==> flow/design.v <==
module my_muxn_mod #(
    parameter DATA_WIDTH = 8,
    parameter INPUTS = 16,
    parameter LG = $clog2(INPUTS)
) (
    input wire clk,
    input wire aresetn,
    input wire [INPUTS*DATA_WIDTH-1:0] i_in,
    input wire [LG-1:0] i_idx,
    output reg [DATA_WIDTH-1:0] o_result
);
    reg [DATA_WIDTH-1:0] t;
    integer k;
    always @* begin
        t = 0;
        for (k = 0; k < INPUTS; k = k + 1)
            if (i_idx == k) t = i_in[k*DATA_WIDTH +: DATA_WIDTH];
    end
    always @(posedge clk or negedge aresetn) begin
        if (~aresetn) begin
            o_result <= 0;
        end else begin
            o_result <= t;
        end
    end
endmodule
[Step by step through the tools: my_muxn_mod]
What the tools print for my_muxn_mod, step after step.
Line numbers count from 1 in the design file above.
Operators: Yosys type, input widths -> output width; for muxes data width and select width s.
Cell names lack the library's common part.
Not given: n/a
Set-up
  design top: my_muxn_mod
  clock: clk
  library: sky130hd
  library corner: tt_025C_1v80

[Word-level counts]
Source: Yosys, flattened and elaborated, memories not mapped. Widths are those after wreduce; folded enables and synchronous resets count as part of the registers. Registers that Yosys merges into a memory's read port (data or address) are not register bits. Print and check cells do not count. Equal cells are merged and count once.
Word-level totals
  output and inout bits: 8
  RAM bits: 0
  register bits: 8
  word-level cells: 33
  memory cells: 0
  ROM bits: 0
  word width x clocked read ports: 0
  latch bits: 0
Operators by class
  reduce/logical cells: 1
  multiplexer cells: 16
  div/mod/pow operators: 0
  equal/unequal tests: 15
  order comparisons: 0
  add/sub/neg operators: 0
  shift operators: 0
  bitwise gates (word level): 0
  multiply operators: 0
Operators by type and width (number)
  $mux 8: 16
  $eq 4x4->1 const B: 8
  $eq 4x3->1 const B: 4
  $eq 4x2->1 const B: 2
  $eq 4x1->1 const B: 1
  $logic_not 4->1: 1

[Longest topological paths]
Yosys ltp: most cells in a row. Word level: on the elaborated netlist, between registers, memories and ports. Mapped: between sequential cells and ports; inverters and the memories' decode and read muxes count.
Logic depth
  depth in word-level cells: 17
  ABC_AREA: 0
  depth in mapped cells: 7
  depth with buffers taken out: 5

[After synthesis]
Yosys stat after the flow's synthesis: flattened, memories mapped to cells. It holds for the ABC_AREA given above (unset counts as 0); a run with the other value may have another netlist.
Cells by type
  mux4_2: number 12, area in all 270.259 um^2
  dfrtp_1: number 8, area in all 200.192 um^2
  mux4_1: number 5, area in all 131.376 um^2
  mux2i_1: number 12, area in all 120.115 um^2
  o21ai_0: number 21, area in all 105.101 um^2
  nand2_1: number 20, area in all 75.072 um^2
  o22ai_1: number 11, area in all 68.816 um^2
  a221oi_1: number 5, area in all 43.792 um^2
  nor2b_1: number 7, area in all 43.792 um^2
  a21oi_1: number 8, area in all 40.038 um^2
  buf_2: number 8, area in all 40.038 um^2
  nand3_1: number 7, area in all 35.034 um^2
  a31oi_1: number 5, area in all 31.28 um^2
  nor2_1: number 8, area in all 30.029 um^2
  o21bai_1: number 4, area in all 30.029 um^2
  nand2b_1: number 4, area in all 25.024 um^2
  a211oi_1: number 3, area in all 22.522 um^2
  a22oi_1: number 3, area in all 22.522 um^2
Not listed: further types 14, cells in them 29.
Mapped netlist
  flip-flop cells: 8
  area of sequential cells: 200.2 um^2
  buffers: 18
  mapped cells: 180
  chip area (Yosys): 1531.5 um^2

[Timing after synthesis]
Source: OpenSTA report_checks on the synthesized netlist (no wires, ideal clock, input and output delay 20% of the period each), path of least setup slack; recovery checks are left aside. Register names are those of the netlist, which keeps one name where synthesis merged equal registers.
Path post-synthesis
  path kind: in2reg
  start point: input port i_idx[0]
  end point: register o_result[6]
  delay of the path: 1.262 ns
  data required time: 1.832 ns
  driving pins on the path: 3
  buffers on the path: 1
  clock period: 1.97 ns
  time at the first pin: 0.394 ns
  path slack: 0.314 ns
  arrival time: 1.518 ns
  input delay: 0.394 ns
  period reached after synthesis: 1.656 ns
"delay of the path" = arrival - input delay + setup time.
"driving pins on the path": output pins that drive a net of the path, with the launching flip-flop's if there is one; two outputs of one cell count as two.
"period reached after synthesis" = period - worst setup slack (recovery checks aside). The figure is calculated, with input and output delays left at 20% of the set period.
Between the ends stands the longest chain of elaborated cells between them, by number of cells; it is not shown to be the way that was timed. Of several equally long chains one is given.
A line is the first line of the expression or statement that the cell stems from. Yosys adds cells for indexed reads and writes and turns some case tables into memories.
Between the ends, post-synthesis
  cell sequence: buf_6 > mux4_1 > mux4_2
  cells in the longest elaborated chain: 17
Ends and longest elaborated chain, post-synthesis
  start, declared: RTL line 9  | input wire [LG-1:0] i_idx,
  $logic_not 4->1: RTL line 17  | if (i_idx == k) t = i_in[k*DATA_WIDTH +: DATA_WIDTH];
  $mux 8 x16: RTL line 17
  end, assigned: RTL line 21  | o_result <= 0;
  end, assigned: RTL line 23  | o_result <= t;
  end, declared: RTL line 10  | output reg [DATA_WIDTH-1:0] o_result

[Worst path after layout]
Path of least setup slack in the final report of run 1 (OpenROAD, finished layout, wires in). Where an end is a register, its clock arrival counts in the times.
Path post-layout
  path kind: in2reg
  start point: input port i_idx[0]
  end point: register o_result[7]
  time at the first pin: 0.39 ns
  buffers on the path: 3
  arrival time: 2.01 ns
  data required time: 2.10 ns
  driving pins on the path: 8
  input delay: 0.39 ns
  path slack: 0.09 ns
  clock period: 1.97 ns
Between the ends stands the longest chain of elaborated cells between them, by number of cells; it is not shown to be the way that was timed. Of several equally long chains one is given.
Between the ends, post-layout
  cell sequence: buf_2 > buf_4 > buf_4 > nor2_2 > a22oi_1 > o22ai_1 > a31oi_1 > a221oi_1
  cells in the longest elaborated chain: 17
Ends and longest elaborated chain, post-layout
  start, declared: RTL line 9  | input wire [LG-1:0] i_idx,
  $logic_not 4->1: RTL line 17  | if (i_idx == k) t = i_in[k*DATA_WIDTH +: DATA_WIDTH];
  $mux 8 x16: RTL line 17
  end, assigned: RTL line 21  | o_result <= 0;
  end, assigned: RTL line 23  | o_result <= t;
  end, declared: RTL line 10  | output reg [DATA_WIDTH-1:0] o_result

Lab notebook: my_muxn_mod

Record of 3 stored runs of the RTL-to-layout flow on my_muxn_mod, platform sky130hd. The runs are unordered. Constraints: input delay and output delay 20% of the set period each, output load 0.01 pF.
"achieved clock period (ns)" means the clock period less the worst setup slack. The figure is calculated, with input and output delays left at 20% of the set period.
"worst setup path time (ns)" is the time allowed to the run's worst setup path (the clock period less input and output delay, where it has them) less its slack. Clock arrival times count: a late capture clock shortens it, a late launch clock lengthens it.
By "finish__power__total" is meant OpenSTA's value without simulated activity: inputs other than the clock are taken to toggle once in ten clock periods, and the tool carries that through the logic.

Flow files of run 1
==> flow/run.sh <==
#!/bin/bash
# the make line also repeats the synthesis and layout settings of config.mk as NAME=value (left out here)
make -C /OpenROAD-flow-scripts/flow DESIGN_CONFIG=/design/flow/config.mk WORK_HOME=/design/flow/orfs CLKGATE_MAP_FILE= finish
==> flow/config.mk <==
export PLATFORM = sky130hd
export DESIGN_NAME = my_muxn_mod
export DESIGN_NICKNAME = my_muxn_mod
export VERILOG_FILES = /design/flow/design.v
export SDC_FILE = /design/flow/constraint.sdc
export NUM_CORES = 4
export LEC_CHECK = 0
export CAP_MARGIN = 20
export CORE_MARGIN = 2
export CORE_UTILIZATION = 40
export SLEW_MARGIN = 20
==> flow/constraint.sdc <==
create_clock -name core_clock -period 1.97 [get_ports {clk}]
set_input_delay 0.3940 -clock core_clock [delete_from_list [all_inputs] [get_ports {clk}]]
set_output_delay 0.3940 -clock core_clock [all_outputs]
set_load 0.01 [all_outputs]

report of run 1
yosys chip area after synthesis (um^2): 1531.5
finish__design__die__area: 4339.5
finish__design__instance__area__stdcell: 3148.0
finish__design__instance__utilization: 0.8599
finish__timing__setup__ws: 0.089
finish__timing__setup__tns: 0.000
finish__timing__hold__ws: 0.443
finish__power__total: 1.054e-03
achieved clock period (ns): 1.881
worst setup path time (ns): 1.49
worst setup path kind: in2reg

Flow files of run 2
==> flow/run.sh <==
#!/bin/bash
# the make line also repeats the synthesis and layout settings of config.mk as NAME=value (left out here)
make -C /OpenROAD-flow-scripts/flow DESIGN_CONFIG=/design/flow/config.mk WORK_HOME=/design/flow/orfs CLKGATE_MAP_FILE= finish
==> flow/config.mk <==
export PLATFORM = sky130hd
export DESIGN_NAME = my_muxn_mod
export DESIGN_NICKNAME = my_muxn_mod
export VERILOG_FILES = /design/flow/design.v
export SDC_FILE = /design/flow/constraint.sdc
export NUM_CORES = 4
export LEC_CHECK = 0
export CAP_MARGIN = 5
export CELL_PAD_IN_SITES_DETAIL_PLACEMENT = 1
export CORE_ASPECT_RATIO = 1.26
export CORE_MARGIN = 2
export CORE_UTILIZATION = 69
export CTS_CLUSTER_SIZE = 81
export GPL_TIMING_DRIVEN = 0
export MAX_ROUTING_LAYER = met4
export PLACE_DENSITY = 0.92
export SLEW_MARGIN = 20
==> flow/constraint.sdc <==
create_clock -name core_clock -period 2.83 [get_ports {clk}]
set_input_delay 0.5660 -clock core_clock [delete_from_list [all_inputs] [get_ports {clk}]]
set_output_delay 0.5660 -clock core_clock [all_outputs]
set_load 0.01 [all_outputs]

report of run 2: did not finish, place, GPL-0301

Flow files of run 3
==> flow/run.sh <==
#!/bin/bash
# the make line also repeats the synthesis and layout settings of config.mk as NAME=value (left out here)
make -C /OpenROAD-flow-scripts/flow DESIGN_CONFIG=/design/flow/config.mk WORK_HOME=/design/flow/orfs CLKGATE_MAP_FILE= finish
==> flow/config.mk <==
export PLATFORM = sky130hd
export DESIGN_NAME = my_muxn_mod
export DESIGN_NICKNAME = my_muxn_mod
export VERILOG_FILES = /design/flow/design.v
export SDC_FILE = /design/flow/constraint.sdc
export NUM_CORES = 4
export LEC_CHECK = 0
export ABC_AREA = 1
export CAP_MARGIN = 20
export CORE_ASPECT_RATIO = 1.38
export CORE_MARGIN = 2
export CORE_UTILIZATION = 50
export CTS_CLUSTER_DIAMETER = 364
export GPL_TIMING_DRIVEN = 1
export PLACE_DENSITY_LB_ADDON = 0.14
export SETUP_SLACK_MARGIN = 0.66
export SLEW_MARGIN = 20
==> flow/constraint.sdc <==
create_clock -name core_clock -period 2.69 [get_ports {clk}]
set_input_delay 0.5380 -clock core_clock [delete_from_list [all_inputs] [get_ports {clk}]]
set_output_delay 0.5380 -clock core_clock [all_outputs]
set_load 0.01 [all_outputs]

report of run 3: did not finish, place, FLW-0024
